==> flow/design.v <==
module gen_sh_core_v2 #(
  parameter XLEN = 40,
  parameter SEL_W = $clog2(XLEN)
) (
  input  wire clk_i,
  input  wire [XLEN-1:0] ch_i,
  input  wire [SEL_W-1:0] n_i,
  output reg [XLEN-1:0] res_o
);
  reg [XLEN-1:0] t;
  integer k;
  always @* begin
    t = ch_i;
    for (k = 0; k < SEL_W; k = k + 1)
      if (n_i[k]) t = t << (1 << k);
  end
  always @(posedge clk_i)
    res_o <= t;
endmodule
Step by step through the tools: gen_sh_core_v2. What the tools print for gen_sh_core_v2, step after step. Line numbers count from 1 in the design file above. Library cell names are shortened. Not given: -

Top module: gen_sh_core_v2. Clock: clk_i. Cell library: sky130hd. Timing corner: tt_025C_1v80.

After elaboration. Source: Yosys, flattened and elaborated, memories not mapped. Widths are those after wreduce. Registers that Yosys merges into a memory's read port (data or address) are not register bits. Print and check cells do not count. Equal cells are merged and count once.

For register bits after elaboration the number is 40. For input port bits the number is 47. The figure for output and inout bits is 40. Under cells after elaboration stands 10.

The entry for mux-type cells reads 6. Under reductions and logical operators stands 1.

Operators by type and width (number): 2-to-1 mux 40 bit (6); OR reduction 2 bit (1).

Depth. Yosys ltp: most cells in a row. Word level: on the elaborated netlist, between registers, memories and ports. Mapped: between sequential cells and ports; inverters and the memories' decode and read muxes count.

Under word-level depth stands 6. ABC_AREA: 0. For mapped depth the number is 9. Under gate-level depth less buffers stands 5.

After synthesis. The flow's flattened synthesis, as Yosys stat reports it; memories are mapped. The netlist is that of the ABC_AREA named above (0 if unset); the other value can give another one. Totals and module areas in this step are rounded.

The entry for cells in the netlist reads 375. The entry for chip area (Yosys) reads 3600 um2. Area of sequential cells: 800 um2. Under flip-flops stands 40. For buffer cells the number is 34.

Cells by type: dfxtp_1 (number 40, area in all 800.768 um2); mux2i_1 (number 56, area in all 560.538 um2); mux4_2 (number 12, area in all 270.259 um2); mux2_2 (number 23, area in all 258.998 um2); nor2_1 (number 34, area in all 127.622 um2); o22ai_1 (number 17, area in all 106.352 um2); nand2_1 (number 21, area in all 78.826 um2); o211ai_1 (number 10, area in all 75.072 um2); o22a_1 (number 8, area in all 70.067 um2); mux2_1 (number 6, area in all 67.565 um2); mux2i_4 (number 3, area in all 67.565 um2); buf_2 (number 13, area in all 65.062 um2); nand2b_1 (number 10, area in all 62.56 um2); nor2b_1 (number 10, area in all 62.56 um2); mux2_4 (number 4, area in all 60.058 um2); buf_6 (number 5, area in all 56.304 um2); o21ai_0 (number 10, area in all 50.048 um2); a221oi_2 (number 3, area in all 45.043 um2).

Other cell types: 35; their cells: 90.

Timing after synthesis. OpenSTA on the mapped netlist: ideal clock, no wires. The path of least setup slack (recovery checks aside). Input and output delay are each 20% of the period. Register names are those of the netlist, which keeps one name where synthesis merged equal registers.

Path type: input port to flip-flop. From: in n_i[0]. To: reg res_o[20]. For clock period the number is 2.25 ns. Under external input delay stands 0.450 ns. For setup time the number is 0.136 ns. Under launch time at the first pin stands 0.450 ns. The figure for arrival is 1.753 ns. Under data required time stands 2.114 ns. Path slack: 0.362 ns. The figure for path delay is 1.439 ns. For stages on the path the number is 7. The figure for buffers on the path is 2. The entry for period reached after synthesis reads 1.888 ns.

"path delay" is the arrival time less input delay plus setup time. "stages on the path" counts driving pins, that of a launching flip-flop among them; a cell with two outputs on the path counts twice. "period reached after synthesis" is the clock period less the worst setup slack; recovery checks do not enter. This is arithmetic on one report: input and output delays are still those of the set period (20% each). The rows between start and end are the longest chain of elaborated cells between them; the timing report does not say that the signal goes this way. Where chains are equally long, one stands for them. Each line given opens the expression or statement behind the cell; cells for indexed reads and writes are added by Yosys, which also makes memories of some case tables.

Cells stage by stage: buf_6 > buf_6 > mux2i_1 > mux2i_1 > mux2_2 > a221oi_2 > o32ai_1. Under cells in the longest elaborated chain stands 5. For elaborated cells on any way between the ends the number is 5. The entry for RTL lines with such cells reads 1. Classes of those cells: mux: 5.

Ends and longest elaborated chain, post-synthesis: from (decl) (RTL line 7) `input  wire [SEL_W-1:0] n_i,`; 2-to-1 mux 40 bit x5 (RTL line 15) `if (n_i[k]) t = t << (1 << k);`; to (assign) (RTL line 18) `res_o <= t;`; to (decl) (RTL line 8) `output reg [XLEN-1:0] res_o`.

Path in the finished layout. Path of least setup slack in the final report of stored run 1 (OpenROAD, finished layout, wires in). Where an end is a register, its clock arrival counts in the times.

Path type: input port to flip-flop. From: in n_i[0]. To: reg res_o[32]. For clock period the number is 1.14 ns. Under external input delay stands 0.23 ns. For setup time the number is 0.12 ns. Under launch time at the first pin stands 0.23 ns. The figure for arrival is 1.72 ns. Under data required time stands 1.30 ns. Path slack: -0.42 ns. For stages on the path the number is 9. The figure for buffers on the path is 4.

The rows between start and end are the longest chain of elaborated cells between them; the timing report does not say that the signal goes this way. Where chains are equally long, one stands for them.

Cells stage by stage: buf_12 > buf_12 > buf_8 > mux2i_4 > mux2i_1 > mux2_4 > mux2i_2 > buf_4 > o2111ai_2. Under cells in the longest elaborated chain stands 6. For elaborated cells on any way between the ends the number is 6. The entry for RTL lines with such cells reads 1. Classes of those cells: mux: 6.

Ends and longest elaborated chain, after layout: from (decl) (RTL line 7) `input  wire [SEL_W-1:0] n_i,`; 2-to-1 mux 40 bit x6 (RTL line 15) `if (n_i[k]) t = t << (1 << k);`; to (assign) (RTL line 18) `res_o <= t;`; to (decl) (RTL line 8) `output reg [XLEN-1:0] res_o`.

3 stored runs of gen_sh_core_v2 in the flow (synthesis by Yosys, layout by OpenROAD, sky130hd cells), in arbitrary order. Constraints: input delay and output delay 20% of the set period each, output load 0.01 pF. By "achieved period" is meant the clock period of the run minus its worst setup slack. This is arithmetic on one report: input and output delays are still those of the set period (20% each). By "time used up by the worst setup path" is meant the share of the clock period that the worst setup path is allowed (20% is reserved at inputs, 20% at outputs), minus its slack. Clock arrival times at its registers enter into it. "total power of the final layout": no workload was simulated; the value follows from the tool's default switching activity. Measured values are rounded.

Files of stored run 1:
==> flow/run.sh <==
#!/bin/bash
# the make line also repeats the synthesis and layout settings of config.mk as NAME=value (left out here)
make -C /OpenROAD-flow-scripts/flow DESIGN_CONFIG=/design/flow/config.mk WORK_HOME=/design/flow/orfs CLKGATE_MAP_FILE= finish
==> flow/config.mk <==
export PLATFORM = sky130hd
export DESIGN_NAME = gen_sh_core_v2
export DESIGN_NICKNAME = gen_sh_core_v2
export VERILOG_FILES = /design/flow/design.v
export SDC_FILE = /design/flow/constraint.sdc
export NUM_CORES = 4
export LEC_CHECK = 0
export CAP_MARGIN = 40
export CORE_MARGIN = 2
export CORE_UTILIZATION = 30
export CTS_CLUSTER_SIZE = 16
export GPL_ROUTABILITY_DRIVEN = 1
export PLACE_DENSITY_LB_ADDON = 0.27
export SLEW_MARGIN = 10
==> flow/constraint.sdc <==
create_clock -name core_clock -period 1.14 [get_ports {clk_i}]
set_input_delay 0.2280 -clock core_clock [delete_from_list [all_inputs] [get_ports {clk_i}]]
set_output_delay 0.2280 -clock core_clock [all_outputs]
set_load 0.01 [all_outputs]

Results of stored run 1. The mapped cell area after synthesis stands at 3600 um2. The measured full die area is 13000 um2. The standard-cell area of the final layout reads 6100 um2. The utilization after routing reads 53 %. The lowest setup slack comes to -0.42 ns. The measured post-route setup TNS is -11 ns. For the worst-case hold slack the run shows 0.60 ns. The total power of the final layout reads 5600 µW. For the achieved period the run shows 1.564 ns. The time used up by the worst setup path is 1.34 ns. Class of the worst setup path: input port to flip-flop.

Files of stored run 2:
==> flow/run.sh <==
#!/bin/bash
# the make line also repeats the synthesis and layout settings of config.mk as NAME=value (left out here)
make -C /OpenROAD-flow-scripts/flow DESIGN_CONFIG=/design/flow/config.mk WORK_HOME=/design/flow/orfs CLKGATE_MAP_FILE= finish
==> flow/config.mk <==
export PLATFORM = sky130hd
export DESIGN_NAME = gen_sh_core_v2
export DESIGN_NICKNAME = gen_sh_core_v2
export VERILOG_FILES = /design/flow/design.v
export SDC_FILE = /design/flow/constraint.sdc
export NUM_CORES = 4
export LEC_CHECK = 0
export CAP_MARGIN = 20
export CORE_MARGIN = 2
export CORE_UTILIZATION = 40
export SLEW_MARGIN = 20
==> flow/constraint.sdc <==
create_clock -name core_clock -period 2.25 [get_ports {clk_i}]
set_input_delay 0.4500 -clock core_clock [delete_from_list [all_inputs] [get_ports {clk_i}]]
set_output_delay 0.4500 -clock core_clock [all_outputs]
set_load 0.01 [all_outputs]

Results of stored run 2. The mapped cell area after synthesis stands at 3600 um2. The measured full die area is 9700 um2. The standard-cell area of the final layout reads 4900 um2. The utilization after routing reads 56 %. The lowest setup slack comes to 0.26 ns. The measured post-route setup TNS is 0.000 ns. For the worst-case hold slack the run shows 0.69 ns. The total power of the final layout reads 2400 µW. For the achieved period the run shows 1.987 ns. The time used up by the worst setup path is 1.54 ns. Class of the worst setup path: input port to flip-flop.

Files of stored run 3:
==> flow/run.sh <==
#!/bin/bash
# the make line also repeats the synthesis and layout settings of config.mk as NAME=value (left out here)
make -C /OpenROAD-flow-scripts/flow DESIGN_CONFIG=/design/flow/config.mk WORK_HOME=/design/flow/orfs CLKGATE_MAP_FILE= finish
==> flow/config.mk <==
export PLATFORM = sky130hd
export DESIGN_NAME = gen_sh_core_v2
export DESIGN_NICKNAME = gen_sh_core_v2
export VERILOG_FILES = /design/flow/design.v
export SDC_FILE = /design/flow/constraint.sdc
export NUM_CORES = 4
export LEC_CHECK = 0
export ABC_AREA = 1
export CAP_MARGIN = 20
export CORE_MARGIN = 2
export CORE_UTILIZATION = 43
export GPL_TIMING_DRIVEN = 1
export PLACE_DENSITY_LB_ADDON = 0.23
export SLEW_MARGIN = 10
==> flow/constraint.sdc <==
create_clock -name core_clock -period 2.6 [get_ports {clk_i}]
set_input_delay 0.5200 -clock core_clock [delete_from_list [all_inputs] [get_ports {clk_i}]]
set_output_delay 0.5200 -clock core_clock [all_outputs]
set_load 0.01 [all_outputs]

Results of stored run 3. The mapped cell area after synthesis stands at 3000 um2. The measured full die area is 7600 um2. The standard-cell area of the final layout reads 3900 um2. The utilization after routing reads 58 %. The lowest setup slack comes to 0.58 ns. The measured post-route setup TNS is 0.000 ns. For the worst-case hold slack the run shows 1.0 ns. The total power of the final layout reads 1800 µW. For the achieved period the run shows 2.021 ns. The time used up by the worst setup path is 1.50 ns. Class of the worst setup path: input port to flip-flop.
